==> flow/design.v <==
module my_diff_unit_fa (
  input logic a,
  input logic b,
  input logic ci,
  output logic s,
  output logic co
);
  wire p = a ^ b;
  assign s = p ^ ci;
  assign co = p ? ci : a;
endmodule
module my_diff_unit #(
  parameter W = 112
) (
  input logic clk,
  input logic [W-1:0] in_da,
  input logic [W-1:0] in_db,
  input logic in_do_sub,
  output logic [W-1:0] out_res,
  output logic out_carry_out
);
  logic [W-1:0] da_s;
  always_ff @(posedge clk) begin
    da_s <= in_da;
  end
  logic [W-1:0] db_s;
  always_ff @(posedge clk) begin
    db_s <= in_db;
  end
  logic do_sub_s;
  always_ff @(posedge clk) begin
    do_sub_s <= in_do_sub;
  end
  logic [W-1:0] tmp;
  logic [W:0] carry;
  assign carry[0] = do_sub_s;
  for (genvar i = 0; i < W; i++) begin : gen
    my_diff_unit_fa inst (.a(da_s[i]), .b(db_s[i] ^ do_sub_s), .ci(carry[i]), .s(tmp[i]), .co(carry[i+1]));
  end
  logic [W-1:0] res_s;
  always_ff @(posedge clk) begin
    res_s <= tmp;
  end
  assign out_res = res_s;
  logic carry_out_s;
  always_ff @(posedge clk) begin
    carry_out_s <= carry[W];
  end
  assign out_carry_out = carry_out_s;
endmodule
## Reports on my_diff_unit

What the tools print for my_diff_unit, step after step.
Lines are those of the file above, counted from 1.
Cell names lack the library's common part.
Not given: n/a

| design | value |
|---|---|
| top | my_diff_unit |
| clock port | clk |
| cell library | sky130hd |
| corner | tt_025C_1v80 |

## Elaborated design

Counts by Yosys on the flattened word-level netlist (proc, flatten, opt, wreduce; memories kept). Register bits leave out memories and registers merged into their read ports (data or address); mux counts leave out enables and synchronous resets folded into registers. Print and check cells are left out. Cells with the same type and inputs are merged into one.

| bit counts | value |
|---|---|
| register bits after elaboration | 338 |
| input port bits | 226 |
| cells after elaboration | 453 |
| output and inout port bits | 113 |

| cells by class | value |
|---|---|
| bitwise operators | 336 |
| multiplexer cells | 112 |

Operator list:

| cell | number |
|---|---|
| bitwise XOR 1 bit | 336 |
| two-way mux 1 bit | 112 |

## Depth

Yosys ltp: most cells in a row. Word level: on the elaborated netlist, between registers, memories and ports. Mapped: between sequential cells and ports; inverters and the memories' decode and read muxes count.

| depth | value |
|---|---|
| depth in word-level cells | 114 |
| ABC_AREA | 0 |
| gate-level depth with buffers | 52 |
| mapped depth without buffers | 44 |

## After synthesis

Yosys stat after the flow's synthesis: flattened, memories mapped to cells. It holds for the ABC_AREA given above (unset counts as 0); a run with the other value may have another netlist.
Totals and module areas in this step are rounded.

Cell types:

| cell | number | area in all (um2) |
|---|---|---|
| dfxtp_1 | 338 | 6766.49 |
| xnor2_1 | 185 | 1.62E+03 |
| maj3_1 | 108 | 1.08E+03 |
| nand2_1 | 245 | 919.632 |
| o21ai_0 | 148 | 740.71 |
| xor2_1 | 80 | 700.672 |
| nor2_1 | 168 | 630.605 |
| nand2b_1 | 95 | 594.32 |
| a21oi_1 | 115 | 575.552 |
| a31oi_1 | 72 | 450.432 |
| clkbuf_1 | 111 | 416.65 |
| inv_1 | 109 | 409.142 |
| o22ai_1 | 50 | 312.8 |
| nand3_1 | 62 | 310.298 |
| nor3_1 | 59 | 295.283 |
| a211oi_1 | 32 | 240.23 |
| a221oi_1 | 25 | 218.96 |
| and2_1 | 32 | 200.192 |

Not listed: further types 84, cells in them 408.

| synthesis totals | value |
|---|---|
| buffers | 167 |
| sequential area | 6770 um2 |
| flip-flops | 338 |
| cell area after synthesis | 19700 um2 |
| standard cells after synthesis | 2442 |

The figures by module come from a second, unflattened synthesis with its own total; it is not the netlist above.

| second synthesis, totals | value |
|---|---|
| cell total of the unflattened synthesis | 687 |
| area total of the unflattened synthesis | 11700 um2 |

Rows give one instance, submodules left out.

By module:

| module | sequential area (um2) | cells | times used | area (um2) |
|---|---|---|---|---|
| my_diff_unit | 6770 | 463 | 1 | 7960 |
| my_diff_unit_fa | 0.0 | 2 | 112 | 33.8 |

## Path before layout

Path of least setup slack by OpenSTA after synthesis, without wires, with an ideal clock, recovery checks aside; 20% of the period is set as input and as output delay. Where synthesis merged equal registers, the netlist keeps one of their names.

| timing path post-synthesis | value |
|---|---|
| path type | flip-flop to flip-flop |
| start point | reg da_s[10] |
| end point | reg res_s[109] |
| period | 12100 ps |
| time at the first pin | 0 ps |
| required time | 12028 ps |
| setup time | 72 ps |
| slack | 2413 ps |
| driving pins on the path | 45 |
| buffers on the path | 1 |
| arrival | 9615 ps |
| delay of the path | 9687 ps |
| synthesis period reached | 9687 ps |

"delay of the path" is the arrival time less input delay plus setup time.
"driving pins on the path": output pins that drive a net of the path, with the launching flip-flop's if there is one; two outputs of one cell count as two.
"synthesis period reached" = period - worst setup slack (recovery checks aside). The figure is calculated, with input and output delays left at 20% of the set period.
Between the ends stands the longest chain of elaborated cells between them, by number of cells; it is not shown to be the way that was timed. Of several equally long chains one is given.
A line is the first line of the expression or statement that the cell stems from. Yosys adds cells for indexed reads and writes and turns some case tables into memories.

| on the way, post-synthesis | value |
|---|---|
| cells stage by stage | dfxtp_1 -> buf_2 -> nor2b_1 -> maj3_1 -> a221oi_2 -> o41ai_1 -> a211o_1 -> o31ai_2 -> o21ai_1 -> o211ai_2 -> a31o_2 -> a211oi_2 -> o221ai_2 -> nand3b_2 -> a2111oi_2 -> nor3_1 -> o221ai_2 -> nand3_1 -> [9 not listed] -> nand3_2 -> a2111oi_2 -> nor2_1 -> a41oi_2 -> nor4_4 -> a311oi_2 -> nand3_2 -> a311oi_2 -> nand3_1 -> o211ai_2 -> a31oi_1 -> o221ai_2 -> maj3_4 -> a2bb2oi_4 -> o311ai_1 -> and2_4 -> a2111oi_2 -> xnor2_1 |
| length of the longest elaborated chain | 101 |
| elaborated cells on any way between the ends | 101 |
| RTL lines with such cells | 3 |
| those cells by class | mux: 99; logic: 2 |

RTL lines, path post-synthesis:

| what | RTL line | RTL |
|---|---|---|
| start: declaration | 22 | `logic [W-1:0] da_s;` |
| start: assignment | 24 | `da_s <= in_da;` |
| bitwise XOR 1 bit | 8 | `wire p = a ^ b;` |
| two-way mux 1 bit x99 | 10 | `assign co = p ? ci : a;` |
| bitwise XOR 1 bit | 9 | `assign s = p ^ ci;` |
| end: assignment | 42 | `res_s <= tmp;` |
| end: declaration | 40 | `logic [W-1:0] res_s;` |

## Worst path after layout

From the final timing report of stored run 3: the path of least setup slack in the routed layout; clock arrival at registers is part of the times.
The path's times are printed in steps of 10 ps; the period is the one set.

| timing path after layout | value |
|---|---|
| path type | flip-flop to flip-flop |
| start point | reg do_sub_s |
| end point | reg res_s[109] |
| driving pins on the path | 48 |
| setup time | 60 ps |
| arrival | 11750 ps |
| slack | 840 ps |
| buffers on the path | 3 |
| time at the first pin | 550 ps |
| period | 12100 ps |
| required time | 12590 ps |

Between the ends stands the longest chain of elaborated cells between them, by number of cells; it is not shown to be the way that was timed. Of several equally long chains one is given.

| on the way, after layout | value |
|---|---|
| cells stage by stage | dfxtp_4 -> buf_4 -> a311oi_2 -> o21ai_2 -> o2111ai_1 -> a32oi_1 -> a211oi_2 -> buf_4 -> o21ai_1 -> a31oi_1 -> o21ai_1 -> o211ai_2 -> a31o_2 -> a211oi_2 -> o21ai_1 -> o221ai_1 -> a31oi_1 -> a211oi_2 -> [12 not listed] -> a2111oi_2 -> a211oi_1 -> nor3b_2 -> nor4_4 -> a311oi_2 -> a41o_1 -> nor2b_1 -> a41o_1 -> a21o_1 -> a41oi_1 -> o221ai_2 -> buf_4 -> maj3_4 -> a2bb2oi_4 -> a31oi_1 -> a21oi_1 -> a2111oi_2 -> xnor2_1 |
| length of the longest elaborated chain | 112 |
| elaborated cells on any way between the ends | 330 |
| RTL lines with such cells | 4 |
| those cells by class | mux: 109; logic: 221 |

RTL lines, path after layout:

| what | RTL line | RTL |
|---|---|---|
| start: declaration | 30 | `logic do_sub_s;` |
| start: assignment | 32 | `do_sub_s <= in_do_sub;` |
| bitwise XOR 1 bit | 38 | `my_diff_unit_fa inst (.a(da_s[i]), .b(db_s[i] ^ do_sub_s), .ci(carry[i]), .s(tmp[i]), .co(carry[i+1]));` |
| bitwise XOR 1 bit | 8 | `wire p = a ^ b;` |
| two-way mux 1 bit x109 | 10 | `assign co = p ? ci : a;` |
| bitwise XOR 1 bit | 9 | `assign s = p ^ ci;` |
| end: assignment | 42 | `res_s <= tmp;` |
| end: declaration | 40 | `logic [W-1:0] res_s;` |

Hand-over note for my_diff_unit

3 stored runs of my_diff_unit in the flow (synthesis by Yosys, layout by OpenROAD, sky130hd cells), in arbitrary order. Constraints: input delay and output delay 20% of the set period each, output load 0.01 pF.
"clock period reached" is the run's clock period less its worst setup slack. It is reckoned from that one timing run; input and output delays stay at 20% of the period that was set.
By "time on the worst setup path" is meant the share of the clock period that the worst setup path is allowed (20% is reserved at inputs, 20% at outputs), minus its slack. Clock arrival times at its registers enter into it.
"total power after layout" is the tool's figure for a default switching activity; nothing was simulated.
"time on the worst setup path" is given in steps of 10 ps.
Results are given in rounded form.

#### Stored run 1

| setting | value |
|---|---|
| period_ns | `8.7` |
| CORE_UTILIZATION | `47` |
| PLACE_DENSITY_LB_ADDON | `0.28` |
| HOLD_SLACK_MARGIN | `0.14` |
| CELL_PAD_IN_SITES_GLOBAL_PLACEMENT | `0` |
| CELL_PAD_IN_SITES_DETAIL_PLACEMENT | `2` |
| TNS_END_PERCENT | `45` |
| ABC_AREA | `0` |
| CTS_CLUSTER_DIAMETER | `154` |
| SLEW_MARGIN | `5` |
| MIN_ROUTING_LAYER | `met1` |
| MAX_ROUTING_LAYER | `met4` |
| CAP_MARGIN | `20` |
| CORE_MARGIN | `2` |

Stopped before the end: placement reported a tool error.

#### Stored run 2

| setting | value |
|---|---|
| period_ns | `6.36` |
| CORE_UTILIZATION | `63` |
| SETUP_SLACK_MARGIN | `-0.32` |
| PLACE_DENSITY_LB_ADDON | `0.28` |
| CORE_ASPECT_RATIO | `0.54` |
| CORE_MARGIN | `5` |
| CELL_PAD_IN_SITES_GLOBAL_PLACEMENT | `0` |
| CELL_PAD_IN_SITES_DETAIL_PLACEMENT | `1` |
| TNS_END_PERCENT | `60` |
| CTS_CLUSTER_SIZE | `62` |
| CTS_CLUSTER_DIAMETER | `184` |
| CAP_MARGIN | `10` |
| SLEW_MARGIN | `0` |

Stopped before the end: placement reported DPL-0033.

#### Stored run 3

| setting | value |
|---|---|
| period_ns | `12.1` |
| CAP_MARGIN | `20` |
| CORE_MARGIN | `2` |
| CORE_UTILIZATION | `40` |
| SLEW_MARGIN | `20` |

| result | value |
|---|---|
| clock period reached | 11264 ps |
| full die area | 51000 um2 |
| post-route worst hold slack | 517 ps |
| total negative slack on setup checks | 0 ps |
| worst setup slack after layout | 836 ps |
| total power after layout | 0.00348 W |
| time on the worst setup path | 11260 ps |
| critical path type | flip-flop to flip-flop |
| standard-cell area after layout | 24700 um2 |
| chip area in the Yosys report | 19700 um2 |

End of note.
